==> flow/design.v <==
module my_mpy_rtl #(
    parameter integer DATA_W = 7,
    parameter integer B_WIDTH = 16
) (
    input  wire clk,
    input  wire rst_n,
    input  wire [DATA_W-1:0] i_dataa,
    input  wire [B_WIDTH-1:0] i_datab,
    output wire [DATA_W+B_WIDTH-1:0] o_p
);
    reg [DATA_W-1:0] dataa_q;
    reg [B_WIDTH-1:0] datab_q;
    assign o_p = dataa_q * datab_q;
    always @(posedge clk or negedge rst_n) begin
        if (!rst_n) begin
            dataa_q <= 0;
            datab_q <= 0;
        end else begin
            dataa_q <= i_dataa;
            datab_q <= i_datab;
        end
    end
endmodule
# Tool chain data of my_mpy_rtl
# The steps from the RTL of my_mpy_rtl to its reports follow in flow order.
# Line numbers count from 1 in the design file above.
# Cell names lack the library's common part.
# A cell with - has no value.
[setup]
design = "my_mpy_rtl"
clk_port = "clk"
library = "sky130hd"
pvt_corner = "tt_025C_1v80"

# Word level
# Yosys after proc, flatten, opt, wreduce and memory -nomap, before mapping. Enables and synchronous resets that opt folds into registers are not counted as muxes. Memory bits, and registers merged into a memory's read port (data or address), are not among the register bits. Print and check cells are not counted. Equal cells are merged and count once.
[bits]
ramBits = 0
out_inout_bits = 23
in_bits = 25
latchBits = 0
clocked_rd_ports_x_width = 0
mem_bits_ro = 0
memories = 0
register_bits = 23
[classes]
equal = 0
cmp = 0
add_sub_neg = 0
bitwise = 0
shift = 0
muxes = 0
div = 0
reduce_and_logical = 0
multipliers = 1
[op_table]
columns = ["cell", "count"]
rows = [
  ["multiplier 7 x 16 -> 23 bit", 1],
]

# Logic depth
# Longest topological path by Yosys (ltp), each cell counted once; first at word level (registers and memories cut), then after technology mapping (sequential cells cut; the memories' decode and read muxes count).
[logic_depth]
ltp_word = 1
ABC_AREA = 0
ltp_mapped = 18

# Synthesis result
# Source: synth_stat.txt of the flow (Yosys; design flattened, memories mapped). It holds for the ABC_AREA given above (unset counts as 0); a run with the other value may have another netlist.
# Totals and module areas in this step are rounded.
[types]
columns = ["cell_type", "count", "type_area_um2"]
rows = [
  ["fa_1", 69, 1.38E+03],
  ["dfrtp_1", 23, 575.552],
  ["and2_1", 82, 512.992],
  ["ha_1", 41, 512.992],
  ["inv_1", 80, 300.288],
  ["nand2_1", 50, 187.68],
  ["a21oi_1", 18, 90.086],
  ["xnor2_1", 9, 78.826],
  ["xor2_1", 8, 70.067],
  ["nor2_1", 13, 48.797],
  ["o21ai_0", 9, 45.043],
  ["clkbuf_1", 9, 33.782],
  ["o311ai_4", 1, 26.275],
  ["a21o_1", 3, 22.522],
  ["a221o_1", 2, 20.019],
  ["and4_1", 2, 17.517],
  ["nor3b_1", 2, 15.014],
  ["a211oi_2", 1, 12.512],
]
# Other cell types: 27; their cells: 34.
[synth_totals]
yosys_area_um2 = 4200
buf_cells = 10
seqArea_um2 = 580
ff_cells = 23
mapped_cells = 456

# Timing after synthesis
# OpenSTA on the mapped netlist: ideal clock, no wires. The path of least setup slack (recovery checks aside). Input and output delay are each 20% of the period. Register names are those of the netlist, which keeps one name where synthesis merged equal registers.
[synth_timing]
path_type = "register to output"
startpoint = "register dataa_q[1]"
endpoint = "output port o_p[19]"
launch_ns = 0.000
t_required_ns = 5.664
stages = 16
delay_ns = 4.534
path_buffers = 1
setup_slack_ns = 1.130
period_ns = 7.08
arrival_ns = 4.534
period_less_setup_slack_ns = 5.95
# "delay_ns" is the arrival time less input delay plus setup time.
# At an output port there is no setup time.
# "stages": output pins that drive a net of the path, with the launching flip-flop's if there is one; two outputs of one cell count as two.
# "period_less_setup_slack_ns" is the clock period less the worst setup slack; recovery checks do not enter. This is arithmetic on one report: input and output delays are still those of the set period (20% each).
# Between the ends stands the longest chain of elaborated cells between them, by number of cells; it is not shown to be the way that was timed. Of several equally long chains one is given.
# A line is the first line of the expression or statement that the cell stems from. Yosys adds cells for indexed reads and writes and turns some case tables into memories.
[synth_between]
path_cell_list = "dfrtp_1 clkbuf_1 and2_1 fa_1 fa_1 fa_1 inv_1 fa_1 inv_1 ha_1 a21oi_1 o21ai_0 a221o_1 or3_1 a41o_1 o311ai_0"
elab_chain_len = 1
cells_between = 1
cone_lines = 1
cone_classes = "1 x mul"
[synth_lines]
columns = ["element", "line", "rtl"]
rows = [
  ["start: declaration", 11, "reg [DATA_W-1:0] dataa_q;"],
  ["start: assignment", 16, "dataa_q <= 0;"],
  ["start: assignment", 19, "dataa_q <= i_dataa;"],
  ["multiplier 7 x 16 -> 23 bit", 13, "assign o_p = dataa_q * datab_q;"],
  ["end: declaration", 9, "output wire [DATA_W+B_WIDTH-1:0] o_p"],
]

# Worst path after layout
# From the final timing report of flow run 1: the path of least setup slack in the routed layout; clock arrival at registers is part of the times.
[layout_timing]
path_type = "register to output"
startpoint = "register datab_q[5]"
endpoint = "output port o_p[16]"
setup_slack_ns = 0.23
launch_ns = 0.26
t_required_ns = 5.66
stages = 18
path_buffers = 1
arrival_ns = 5.43
period_ns = 7.08
# Between the ends stands the longest chain of elaborated cells between them, by number of cells; it is not shown to be the way that was timed. Of several equally long chains one is given.
[layout_between]
path_cell_list = "dfrtp_1 and2_1 fa_1 inv_1 fa_1 inv_1 fa_1 inv_1 fa_1 inv_1 ha_1 a21oi_1 o21ai_2 a21oi_2 o311ai_4 and4_1 or4_1 clkdlybuf4s50_1"
elab_chain_len = 1
cells_between = 1
cone_lines = 1
cone_classes = "1 x mul"
[layout_lines]
columns = ["element", "line", "rtl"]
rows = [
  ["start: declaration", 12, "reg [B_WIDTH-1:0] datab_q;"],
  ["start: assignment", 17, "datab_q <= 0;"],
  ["start: assignment", 20, "datab_q <= i_datab;"],
  ["multiplier 7 x 16 -> 23 bit", 13, "assign o_p = dataa_q * datab_q;"],
  ["end: declaration", 9, "output wire [DATA_W+B_WIDTH-1:0] o_p"],
]

## Implementation results

3 stored runs of my_mpy_rtl in the flow (synthesis by Yosys, layout by OpenROAD, sky130hd cells), in arbitrary order. Constraints: input delay and output delay 20% of the set period each, output load 0.01 pF.
"period_less_ws_ns" means the clock period less the worst setup slack. The figure is calculated, with input and output delays left at 20% of the set period.
"worstPathTime_ns" means the part of the period allowed to the worst setup path (the constraints hold back 20% at inputs and 20% at outputs) less its slack; where the path has registers, the arrival times of their clocks count too.
By "fin_power_mw" is meant OpenSTA's value without simulated activity: inputs other than the clock are taken to toggle once in ten clock periods, and the tool carries that through the logic.
The results are shown rounded.

# flow run 1
==> flow/run.sh <==
#!/bin/bash
# the make line also repeats the synthesis and layout settings of config.mk as NAME=value (left out here)
make -C /OpenROAD-flow-scripts/flow DESIGN_CONFIG=/design/flow/config.mk WORK_HOME=/design/flow/orfs CLKGATE_MAP_FILE= finish
==> flow/config.mk <==
export PLATFORM = sky130hd
export DESIGN_NAME = my_mpy_rtl
export DESIGN_NICKNAME = my_mpy_rtl
export VERILOG_FILES = /design/flow/design.v
export SDC_FILE = /design/flow/constraint.sdc
export NUM_CORES = 4
export LEC_CHECK = 0
export CAP_MARGIN = 20
export CORE_MARGIN = 2
export CORE_UTILIZATION = 40
export SLEW_MARGIN = 20
==> flow/constraint.sdc <==
create_clock -name core_clock -period 7.08 [get_ports {clk}]
set_input_delay 1.4160 -clock core_clock [delete_from_list [all_inputs] [get_ports {clk}]]
set_output_delay 1.4160 -clock core_clock [all_outputs]
set_load 0.01 [all_outputs]

==> flow run 1: results <==
ys_area_um2=4200
final_die_area_um2=11000
stdcell_area_um2=4900
post_route_util_frac=0.48
worst_setup_slack_ns=0.23
fin_tns_ns=0.000
fin_power_mw=1.7
period_less_ws_ns=6.849
worstPathTime_ns=5.43
worst_setup_path_type="register to output"

# flow run 2
==> flow/run.sh <==
#!/bin/bash
# the make line also repeats the synthesis and layout settings of config.mk as NAME=value (left out here)
make -C /OpenROAD-flow-scripts/flow DESIGN_CONFIG=/design/flow/config.mk WORK_HOME=/design/flow/orfs CLKGATE_MAP_FILE= finish
==> flow/config.mk <==
export PLATFORM = sky130hd
export DESIGN_NAME = my_mpy_rtl
export DESIGN_NICKNAME = my_mpy_rtl
export VERILOG_FILES = /design/flow/design.v
export SDC_FILE = /design/flow/constraint.sdc
export NUM_CORES = 4
export LEC_CHECK = 0
export ABC_AREA = 1
export CAP_MARGIN = 35
export CORE_MARGIN = 2
export CORE_UTILIZATION = 63
export CTS_CLUSTER_SIZE = 22
export GPL_ROUTABILITY_DRIVEN = 0
export SLEW_MARGIN = 20
export TNS_END_PERCENT = 60
==> flow/constraint.sdc <==
create_clock -name core_clock -period 4.4 [get_ports {clk}]
set_input_delay 0.8800 -clock core_clock [delete_from_list [all_inputs] [get_ports {clk}]]
set_output_delay 0.8800 -clock core_clock [all_outputs]
set_load 0.01 [all_outputs]

==> flow run 2: results <==
ys_area_um2=4600
final_die_area_um2=8000
stdcell_area_um2=6500
post_route_util_frac=0.9
worst_setup_slack_ns=-0.96
fin_tns_ns=-14
fin_power_mw=4.4
period_less_ws_ns=5.365
worstPathTime_ns=4.48
worst_setup_path_type="register to output"

# flow run 3
==> flow/run.sh <==
#!/bin/bash
# the make line also repeats the synthesis and layout settings of config.mk as NAME=value (left out here)
make -C /OpenROAD-flow-scripts/flow DESIGN_CONFIG=/design/flow/config.mk WORK_HOME=/design/flow/orfs CLKGATE_MAP_FILE= finish
==> flow/config.mk <==
export PLATFORM = sky130hd
export DESIGN_NAME = my_mpy_rtl
export DESIGN_NICKNAME = my_mpy_rtl
export VERILOG_FILES = /design/flow/design.v
export SDC_FILE = /design/flow/constraint.sdc
export NUM_CORES = 4
export LEC_CHECK = 0
export CAP_MARGIN = 20
export CELL_PAD_IN_SITES_GLOBAL_PLACEMENT = 2
export CORE_MARGIN = 2
export CORE_UTILIZATION = 42
export CTS_CLUSTER_DIAMETER = 399
export MIN_ROUTING_LAYER = met2
export PLACE_DENSITY_LB_ADDON = 0.06
export SETUP_SLACK_MARGIN = 0.29
export SLEW_MARGIN = 20
==> flow/constraint.sdc <==
create_clock -name core_clock -period 3.67 [get_ports {clk}]
set_input_delay 0.7340 -clock core_clock [delete_from_list [all_inputs] [get_ports {clk}]]
set_output_delay 0.7340 -clock core_clock [all_outputs]
set_load 0.01 [all_outputs]

==> flow run 3: results <==
ys_area_um2=4200
final_die_area_um2=11000
stdcell_area_um2=6100
post_route_util_frac=0.62
worst_setup_slack_ns=-1.9
fin_tns_ns=-29
fin_power_mw=4.4
period_less_ws_ns=5.522
worstPathTime_ns=4.79
worst_setup_path_type="register to output"
